==> flow/design.v <==
module alu_addsub #(
    parameter integer WD = 14
) (
    input logic clk_i,
    input logic nrst,
    input logic [WD-1:0] arg0_in,
    input logic sub_in,
    input logic clear_in,
    output logic [WD-1:0] result_out
);
    logic [WD-1:0] cnt;
    always_ff @(posedge clk_i or negedge nrst) begin
        if (~nrst) begin
            cnt <= '0;
        end else begin
            cnt <= clear_in ? arg0_in : sub_in ? cnt - arg0_in : cnt + arg0_in;
        end
    end
    assign result_out = cnt;
endmodule
Reports on alu_addsub
What the tools print for alu_addsub, step after step.
Line numbers count from 1 in the design file above.
Cell names lack the library's common part.
A cell with n/a has no value.

design
  top = alu_addsub
  clock input = clk_i
  cell library = sky130hd
  corner = tt_025C_1v80

After elaboration
Yosys after proc, flatten, opt, wreduce and memory -nomap, before mapping. Enables and synchronous resets that opt folds into registers are not counted as muxes. Memory bits, and registers merged into a memory's read port (data or address), are not among the register bits. Print and check cells are not counted. Equal cells are merged and count once.

storage and ports
  register bits after elaboration = 14
  bits in latches = 0
  memory bits (writable) = 0
  memory bits (read-only) = 0
  clocked read ports x word width = 0
  memory cells = 0
  output and inout bits = 14
  word-level cells = 5

operators by class
  add/sub/neg operators = 2
  multipliers = 0
  div/mod/pow operators = 0
  $lt $le $gt $ge = 0
  equality and inequality tests = 0
  shifts and indexed selects = 0
  mux-type cells = 2
  bitwise logic cells = 0
  reductions and logical operators = 0

operator list
  operator           count
  14-bit 2-to-1 mux  2
  14-bit adder       1
  14-bit subtractor  1

Depth
Depth = most cells in a row (Yosys ltp): at word level without a register or memory, in the mapped netlist without a sequential cell, where the memories' decode and read muxes count.

depth
  depth after elaboration = 3
  ABC_AREA = 0
  depth in mapped cells = 13
  depth with buffers taken out = 12

After synthesis
Source: synth_stat.txt of the flow (Yosys; design flattened, memories mapped). It holds for the ABC_AREA given above (unset counts as 0); a run with the other value may have another netlist.
Totals and module areas in this step are rounded.

mapped netlist
  standard cells after synthesis = 172
  cell area after synthesis = 1450 um2
  area of sequential cells = 350 um2
  flip-flops = 14
  buffers = 5

cell types
  cell     count  total area (um2)
  dfrtp_1  14     350.336
  ha_1     14     175.168
  xnor2_1  16     140.134
  a21oi_1  15     75.072
  nand2_1  14     52.55
  nor2_1   13     48.797
  nor4_4   2      42.541
  o21ai_0  8      40.038
  a21o_1   5      37.536
  inv_1    10     37.536
  mux2i_1  3      30.029
  o31ai_1  4      30.029
  xor2_1   3      26.275
  nor3_1   5      25.024
  a221o_1  2      20.019
  fa_1     1      20.019
  a31oi_1  3      18.768
  and3_1   3      18.768

Not listed: further types 27, cells in them 37.

Worst setup path after synthesis
Source: OpenSTA report_checks on the synthesized netlist (no wires, ideal clock, input and output delay 20% of the period each), path of least setup slack; recovery checks are left aside. Register names are those of the netlist, which keeps one name where synthesis merged equal registers.

timing path post-synthesis
  path kind = input -> register
  start point = in arg0_in[5]
  end point = reg cnt[13]
  clock period = 3.56 ns
  input delay = 0.712 ns
  library setup time = 0.080 ns
  launch time at the first pin = 0.712 ns
  arrival time = 2.912 ns
  required time = 3.480 ns
  slack = 0.567 ns
  path delay = 2.280 ns
  stages = 11
  path buffers = 1
  period reached after synthesis = 2.993 ns

"path delay" is the arrival time less input delay plus setup time.
"stages" counts driving pins, that of a launching flip-flop among them; a cell with two outputs on the path counts twice.
"period reached after synthesis" = period - worst setup slack (recovery checks aside). The figure is calculated, with input and output delays left at 20% of the set period.
Between the ends stands the longest chain of elaborated cells between them, by number of cells; it is not shown to be the way that was timed. Of several equally long chains one is given.
A line is the first line of the expression or statement that the cell stems from. Yosys adds cells for indexed reads and writes and turns some case tables into memories.

between the ends, post-synthesis
  path through = nor4_4 -> and2_1 -> a21oi_1 -> xnor2_1 -> ha_1 -> buf_2 -> a21o_1 -> a221o_1 -> and4b_1 -> a211o_1 -> nor3_2
  length of the longest elaborated chain = 3
  elaborated cells between the ends (all ways) = 4
  RTL lines with such cells = 1
  those cells by class = 2 x add/sub; 2 x mux

RTL lines, path post-synthesis
  what                            line  text
  start: declaration              6     input logic [WD-1:0] arg0_in,
  14-bit adder                    16    cnt <= clear_in ? arg0_in : sub_in ? cnt - arg0_in : cnt + arg0_in;
  14-bit 2-to-1 mux (2 in a row)  16
  end: assignment                 14    cnt <= '0;
  end: assignment                 16
  end: declaration                11    logic [WD-1:0] cnt;

Worst path after layout
From the final timing report of record 1: the path of least setup slack in the routed layout; clock arrival at registers is part of the times.

timing path post-layout
  path kind = input -> register
  start point = in arg0_in[4]
  end point = reg cnt[13]
  clock period = 4.18 ns
  input delay = 0.84 ns
  library setup time = 0.11 ns
  launch time at the first pin = 0.84 ns
  arrival time = 3.78 ns
  required time = 4.33 ns
  slack = 0.54 ns
  stages = 11
  path buffers = 1

Between the ends stands the longest chain of elaborated cells between them, by number of cells; it is not shown to be the way that was timed. Of several equally long chains one is given.

between the ends, post-layout
  path through = clkdlybuf4s50_1 -> nor4_4 -> and2_1 -> a21oi_1 -> xnor2_1 -> ha_1 -> and3_1 -> a32o_1 -> o21ai_0 -> mux2i_1 -> nor3_2
  length of the longest elaborated chain = 3
  elaborated cells between the ends (all ways) = 4
  RTL lines with such cells = 1
  those cells by class = 2 x add/sub; 2 x mux

RTL lines, path post-layout
  what                            line  text
  start: declaration              6     input logic [WD-1:0] arg0_in,
  14-bit adder                    16    cnt <= clear_in ? arg0_in : sub_in ? cnt - arg0_in : cnt + arg0_in;
  14-bit 2-to-1 mux (2 in a row)  16
  end: assignment                 14    cnt <= '0;
  end: assignment                 16
  end: declaration                11    logic [WD-1:0] cnt;

Memo
Re: implementation data of alu_addsub

Settings and measured results of 3 stored flow runs for module alu_addsub (sky130hd), not sorted in any way. The constraints put input and output delay at 20% of the set period each and load the outputs with 0.01 pF.
By "achieved period" is meant the clock period of the run minus its worst setup slack. This is arithmetic on one report: input and output delays are still those of the set period (20% each).
"time of the worst setup path" is the time allowed to the run's worst setup path (the clock period less input and output delay, where it has them) less its slack. Clock arrival times count: a late capture clock shortens it, a late launch clock lengthens it.
The measured numbers are rounded.
Among the settings, . means not set for that run.

item                                   record 1           record 2           record 3
period_ns                              4.18               4.79               3.56
CORE_UTILIZATION                       17                 23                 40
PLACE_DENSITY_LB_ADDON                 0.25               0.04               .
CORE_ASPECT_RATIO                      0.88               1.78               .
CORE_MARGIN                            8                  2                  2
CELL_PAD_IN_SITES_GLOBAL_PLACEMENT     1                  .                  .
CELL_PAD_IN_SITES_DETAIL_PLACEMENT     0                  .                  .
TNS_END_PERCENT                        25                 100                .
GPL_TIMING_DRIVEN                      1                  .                  .
GPL_ROUTABILITY_DRIVEN                 0                  .                  .
SLEW_MARGIN                            30                 20                 20
MIN_ROUTING_LAYER                      met1               met2               .
MAX_ROUTING_LAYER                      met4               met4               .
CAP_MARGIN                             20                 20                 20
chip area in the Yosys report (um2)    1450               1450               1450
worst setup slack after layout (ns)    0.543              0.981              0.231
time of the worst setup path (ns)      2.80               2.85               2.62
worst setup path type                  input -> register  input -> register  input -> register
die area (um2)                         11800              6990               4130
standard-cell area after layout (um2)  1970               1910               2000
achieved period (ns)                   3.637              3.809              3.329
total negative setup slack (ns)        0.000              0.000              0.000
